==> flow/design.v <==
module mul_core_n #(
    parameter NBITS = 22
) (
    input  wire clk_i,
    input  wire resetn,
    input  wire [NBITS-1:0] x,
    input  wire [NBITS-1:0] y,
    output wire [2*NBITS-1:0] m
);
    reg [NBITS-1:0] x_r;
    always @(posedge clk_i or negedge resetn) begin
        if (~resetn) begin
            x_r <= 0;
        end else begin
            x_r <= x;
        end
    end
    reg [NBITS-1:0] y_r;
    always @(posedge clk_i or negedge resetn) begin
        if (~resetn) begin
            y_r <= 0;
        end else begin
            y_r <= y;
        end
    end
    reg [2*NBITS-1:0] val;
    integer n;
    always @* begin
        val = 0;
        for (n = 0; n < NBITS; n = n + 1)
            if (y_r[n]) val = val + (x_r << n);
    end
    assign m = val;
endmodule
=== Tool chain data of mul_core_n ===
What the tools print for mul_core_n, step after step.
Lines are those of the file above, counted from 1.
Operators carry their Yosys type and port widths (W data, S select, Z words).
Cell names lack the library's common part.
Not given: -

* Top: mul_core_n
* Clock: clk_i
* Standard-cell library: sky130hd
* Corner: tt_025C_1v80

=== Word level ===
Counts by Yosys on the flattened word-level netlist (proc, flatten, opt, wreduce; memories kept). Register bits leave out memories and registers merged into their read ports (data or address); mux counts leave out enables and synchronous resets folded into registers. Print and check cells are left out. Cells with the same type and inputs are merged into one.

* Bits in registers: 44

* Multiplexer cells: 22
* Add/subtract/negate cells: 21

{| class="wikitable"
|+ Operators by type and width
! kind !! number
|-
| $mux W44 || 21
|-
| $add A44 B23 Y44 || 1
|-
| $add A44 B24 Y44 || 1
|-
| $add A44 B25 Y44 || 1
|-
| $add A44 B26 Y44 || 1
|-
| $add A44 B27 Y44 || 1
|-
| $add A44 B28 Y44 || 1
|-
| $add A44 B29 Y44 || 1
|-
| $add A44 B30 Y44 || 1
|-
| $add A44 B31 Y44 || 1
|-
| $add A44 B32 Y44 || 1
|-
| $add A44 B33 Y44 || 1
|-
| $add A44 B34 Y44 || 1
|-
| $add A44 B35 Y44 || 1
|-
| $add A44 B36 Y44 || 1
|-
| $add A44 B37 Y44 || 1
|-
| $add A44 B38 Y44 || 1
|-
| $add A44 B39 Y44 || 1
|-
| $add A44 B40 Y44 || 1
|-
| $add A44 B41 Y44 || 1
|-
| $add A44 B42 Y44 || 1
|-
| $add A44 B43 Y44 || 1
|-
| $mux W22 || 1
|}

=== Longest topological paths ===
Depth = most cells in a row (Yosys ltp): at word level without a register or memory, in the mapped netlist without a sequential cell, where the memories' decode and read muxes count.

* Word-level depth: 43
* ABC_AREA: 0
* Gate-level depth with buffers: 171
* Gate-level depth less buffers: 167

=== After synthesis ===
Source: synth_stat.txt of the flow (Yosys; design flattened, memories mapped). It holds for the ABC_AREA given above (unset counts as 0); a run with the other value may have another netlist.

* Flip-flops: 44
* Cells in the netlist: 4,529
* Area of sequential cells: 0.0011011 mm2
* Mapped area: 0.0312637 mm2

{| class="wikitable"
|+ Cell types
! type !! number
|-
| ha_1 || 472
|-
| a21oi_1 || 394
|-
| nand2_1 || 462
|-
| xnor2_1 || 186
|-
| o21ai_0 || 321
|-
| nor2_1 || 411
|-
| a21o_1 || 161
|-
| dfrtp_1 || 44
|-
| xor2_1 || 109
|-
| mux2_2 || 78
|-
| o21a_1 || 107
|-
| inv_1 || 207
|-
| nand3_1 || 134
|-
| nor3_1 || 121
|-
| nand2b_1 || 84
|-
| a211oi_1 || 67
|-
| a31oi_1 || 77
|-
| o31ai_1 || 57
|}

Not listed: further types 91, cells in them 1037.

=== Path before layout ===
Source: OpenSTA report_checks on the synthesized netlist (no wires, ideal clock, input and output delay 20% of the period each), path of least setup slack; recovery checks are left aside. Register names are those of the netlist, which keeps one name where synthesis merged equal registers.

* Path type: reg-to-output
* From: register y_r[0]
* To: output m[42]
* External output delay: 8,920 ps
* Delay of the path: 28,564 ps
* Data arrival time: 28,564 ps
* Required time: 35,680 ps
* Setup slack: 7,116 ps
* Clock period: 44,600 ps
* Path buffers: 5
* Stages on the path: 152
* Time at the first pin: 0 ps
* Synthesis period reached: 37,484 ps

"delay of the path" is the arrival time less input delay plus setup time.
At an output port there is no setup time.
"stages on the path" counts driving pins, that of a launching flip-flop among them; a cell with two outputs on the path counts twice.
"synthesis period reached" = period - worst setup slack (recovery checks aside). The figure is calculated, with input and output delays left at 20% of the set period.
Between the ends stands the longest chain of elaborated cells between them, by number of cells; it is not shown to be the way that was timed. Of several equally long chains one is given.
A line is the first line of the expression or statement that the cell stems from. Yosys adds cells for indexed reads and writes and turns some case tables into memories.

* Path through: dfrtp_1 buf_4 clkbuf_1 clkbuf_1 and2_1 ha_1 fa_1 nand3_1 o211ai_1 a311oi_2 o21bai_1 a21oi_1 xnor2_1 mux2_2 ha_1 a21oi_1 o21ai_0 or3_1 (+116 left out) ha_1 or3_1 a211o_1 a31oi_1 xor2_1 nand2_1 and3_1 ha_1 nand3_1 nor2_1 a2111oi_0 xnor2_1 mux2_2 ha_1 nor4_1 nor3_1 xor2_1 mux2_2
* Cells in the longest elaborated chain: 43

{| class="wikitable"
|+ Ends and longest elaborated chain, post-synthesis
! element !! line !! RTL
|-
| from (decl) || 18 || <nowiki>reg [NBITS-1:0] y_r;</nowiki>
|-
| from (assign) || 21 || <nowiki>y_r <= 0;</nowiki>
|-
| from (assign) || 23 || <nowiki>y_r <= y;</nowiki>
|-
| $mux W22 || 31 || <nowiki>if (y_r[n]) val = val + (x_r << n);</nowiki>
|-
| $add A44 B23 Y44 || 31 ||
|-
| $mux W44 || 31 ||
|-
| $add A44 B24 Y44 || 31 ||
|-
| $mux W44 || 31 ||
|-
| $add A44 B25 Y44 || 31 ||
|-
| $mux W44 || 31 ||
|-
| (+29 left out) || - ||
|-
| $mux W44 || 31 ||
|-
| $add A44 B41 Y44 || 31 ||
|-
| $mux W44 || 31 ||
|-
| $add A44 B42 Y44 || 31 ||
|-
| $mux W44 || 31 ||
|-
| $add A44 B43 Y44 || 31 ||
|-
| $mux W44 || 31 ||
|-
| to (decl) || 8 || <nowiki>output wire [2*NBITS-1:0] m</nowiki>
|}

=== Worst path after layout ===
Path of least setup slack in the final report of entry A (OpenROAD, finished layout, wires in). Where an end is a register, its clock arrival counts in the times.
The report prints the path's times to 10 ps; the period is as set.

* Path type: reg-to-output
* From: register y_r[0]
* To: output m[42]
* Time at the first pin: 320 ps
* Stages on the path: 160
* Path buffers: 3
* Setup slack: 1,730 ps
* Required time: 35,680 ps
* External output delay: 8,920 ps
* Data arrival time: 33,950 ps
* Clock period: 44,600 ps

Between the ends stands the longest chain of elaborated cells between them, by number of cells; it is not shown to be the way that was timed. Of several equally long chains one is given.

* Path through: dfrtp_2 buf_4 and2_1 ha_1 fa_1 nand3_1 o211ai_1 xnor2_1 nand2_1 o21ai_0 ha_1 o21ai_0 o21ai_1 nand2_1 o21ai_0 xnor2_1 nor2_1 a221oi_1 (+124 left out) o21bai_1 ha_1 and3_1 nand2_1 o21ai_0 a21oi_1 o21bai_1 xnor2_1 mux2i_1 ha_1 and3_1 a21oi_1 o21ai_0 nor4_1 nor3_1 xor2_1 mux2_2 clkdlybuf4s50_1
* Cells in the longest elaborated chain: 43

{| class="wikitable"
|+ Ends and longest elaborated chain, post-layout
! element !! line !! RTL
|-
| from (decl) || 18 || <nowiki>reg [NBITS-1:0] y_r;</nowiki>
|-
| from (assign) || 21 || <nowiki>y_r <= 0;</nowiki>
|-
| from (assign) || 23 || <nowiki>y_r <= y;</nowiki>
|-
| $mux W22 || 31 || <nowiki>if (y_r[n]) val = val + (x_r << n);</nowiki>
|-
| $add A44 B23 Y44 || 31 ||
|-
| $mux W44 || 31 ||
|-
| $add A44 B24 Y44 || 31 ||
|-
| $mux W44 || 31 ||
|-
| $add A44 B25 Y44 || 31 ||
|-
| $mux W44 || 31 ||
|-
| (+29 left out) || - ||
|-
| $mux W44 || 31 ||
|-
| $add A44 B41 Y44 || 31 ||
|-
| $mux W44 || 31 ||
|-
| $add A44 B42 Y44 || 31 ||
|-
| $mux W44 || 31 ||
|-
| $add A44 B43 Y44 || 31 ||
|-
| $mux W44 || 31 ||
|-
| to (decl) || 8 || <nowiki>output wire [2*NBITS-1:0] m</nowiki>
|}

Appendix: measured runs

Flow measurements of mul_core_n on sky130hd: 2 stored runs with different settings, listed in no order. Input and output delays are each 20% of the period that was set; the output load is 0.01 pF.
"achieved clock period": clock period set for the run, less the worst setup slack. It is reckoned from that one timing run; input and output delays stay at 20% of the period that was set.
By "worst setup path time" is meant the share of the clock period that the worst setup path is allowed (20% is reserved at inputs, 20% at outputs), minus its slack. Clock arrival times at its registers enter into it.
"worst setup path time" is given in steps of 10 ps.

Entry A
==> flow/run.sh <==
#!/bin/bash
# the make line also repeats the synthesis and layout settings of config.mk as NAME=value (left out here)
make -C /OpenROAD-flow-scripts/flow DESIGN_CONFIG=/design/flow/config.mk WORK_HOME=/design/flow/orfs CLKGATE_MAP_FILE= finish
==> flow/config.mk <==
export PLATFORM = sky130hd
export DESIGN_NAME = mul_core_n
export DESIGN_NICKNAME = mul_core_n
export VERILOG_FILES = /design/flow/design.v
export SDC_FILE = /design/flow/constraint.sdc
export NUM_CORES = 4
export LEC_CHECK = 0
export CAP_MARGIN = 20
export CORE_MARGIN = 2
export CORE_UTILIZATION = 40
export SLEW_MARGIN = 20
==> flow/constraint.sdc <==
create_clock -name core_clock -period 44.6 [get_ports {clk_i}]
set_input_delay 8.9200 -clock core_clock [delete_from_list [all_inputs] [get_ports {clk_i}]]
set_output_delay 8.9200 -clock core_clock [all_outputs]
set_load 0.01 [all_outputs]

==> results of entry A <==
chip area after synthesis (Yosys): 0.0312637 mm2
die area: 0.0804119 mm2
standard-cell area of the final layout: 0.0339363 mm2
utilization: 0.438
worst setup slack after layout: 1,731 ps
total negative slack: 0 ps
achieved clock period: 42,869 ps
worst setup path time: 33,950 ps
worst setup path kind: reg-to-output

Entry B
==> flow/run.sh <==
#!/bin/bash
# the make line also repeats the synthesis and layout settings of config.mk as NAME=value (left out here)
make -C /OpenROAD-flow-scripts/flow DESIGN_CONFIG=/design/flow/config.mk WORK_HOME=/design/flow/orfs CLKGATE_MAP_FILE= finish
==> flow/config.mk <==
export PLATFORM = sky130hd
export DESIGN_NAME = mul_core_n
export DESIGN_NICKNAME = mul_core_n
export VERILOG_FILES = /design/flow/design.v
export SDC_FILE = /design/flow/constraint.sdc
export NUM_CORES = 4
export LEC_CHECK = 0
export CAP_MARGIN = 5
export CELL_PAD_IN_SITES_DETAIL_PLACEMENT = 1
export CORE_MARGIN = 2
export CORE_UTILIZATION = 43
export GPL_ROUTABILITY_DRIVEN = 0
export GPL_TIMING_DRIVEN = 1
export MAX_ROUTING_LAYER = met5
export SLEW_MARGIN = 20
export TNS_END_PERCENT = 40
==> flow/constraint.sdc <==
create_clock -name core_clock -period 26.6 [get_ports {clk_i}]
set_input_delay 5.3200 -clock core_clock [delete_from_list [all_inputs] [get_ports {clk_i}]]
set_output_delay 5.3200 -clock core_clock [all_outputs]
set_load 0.01 [all_outputs]

==> results of entry B <==
did not finish, placement stopped with DPL-0033
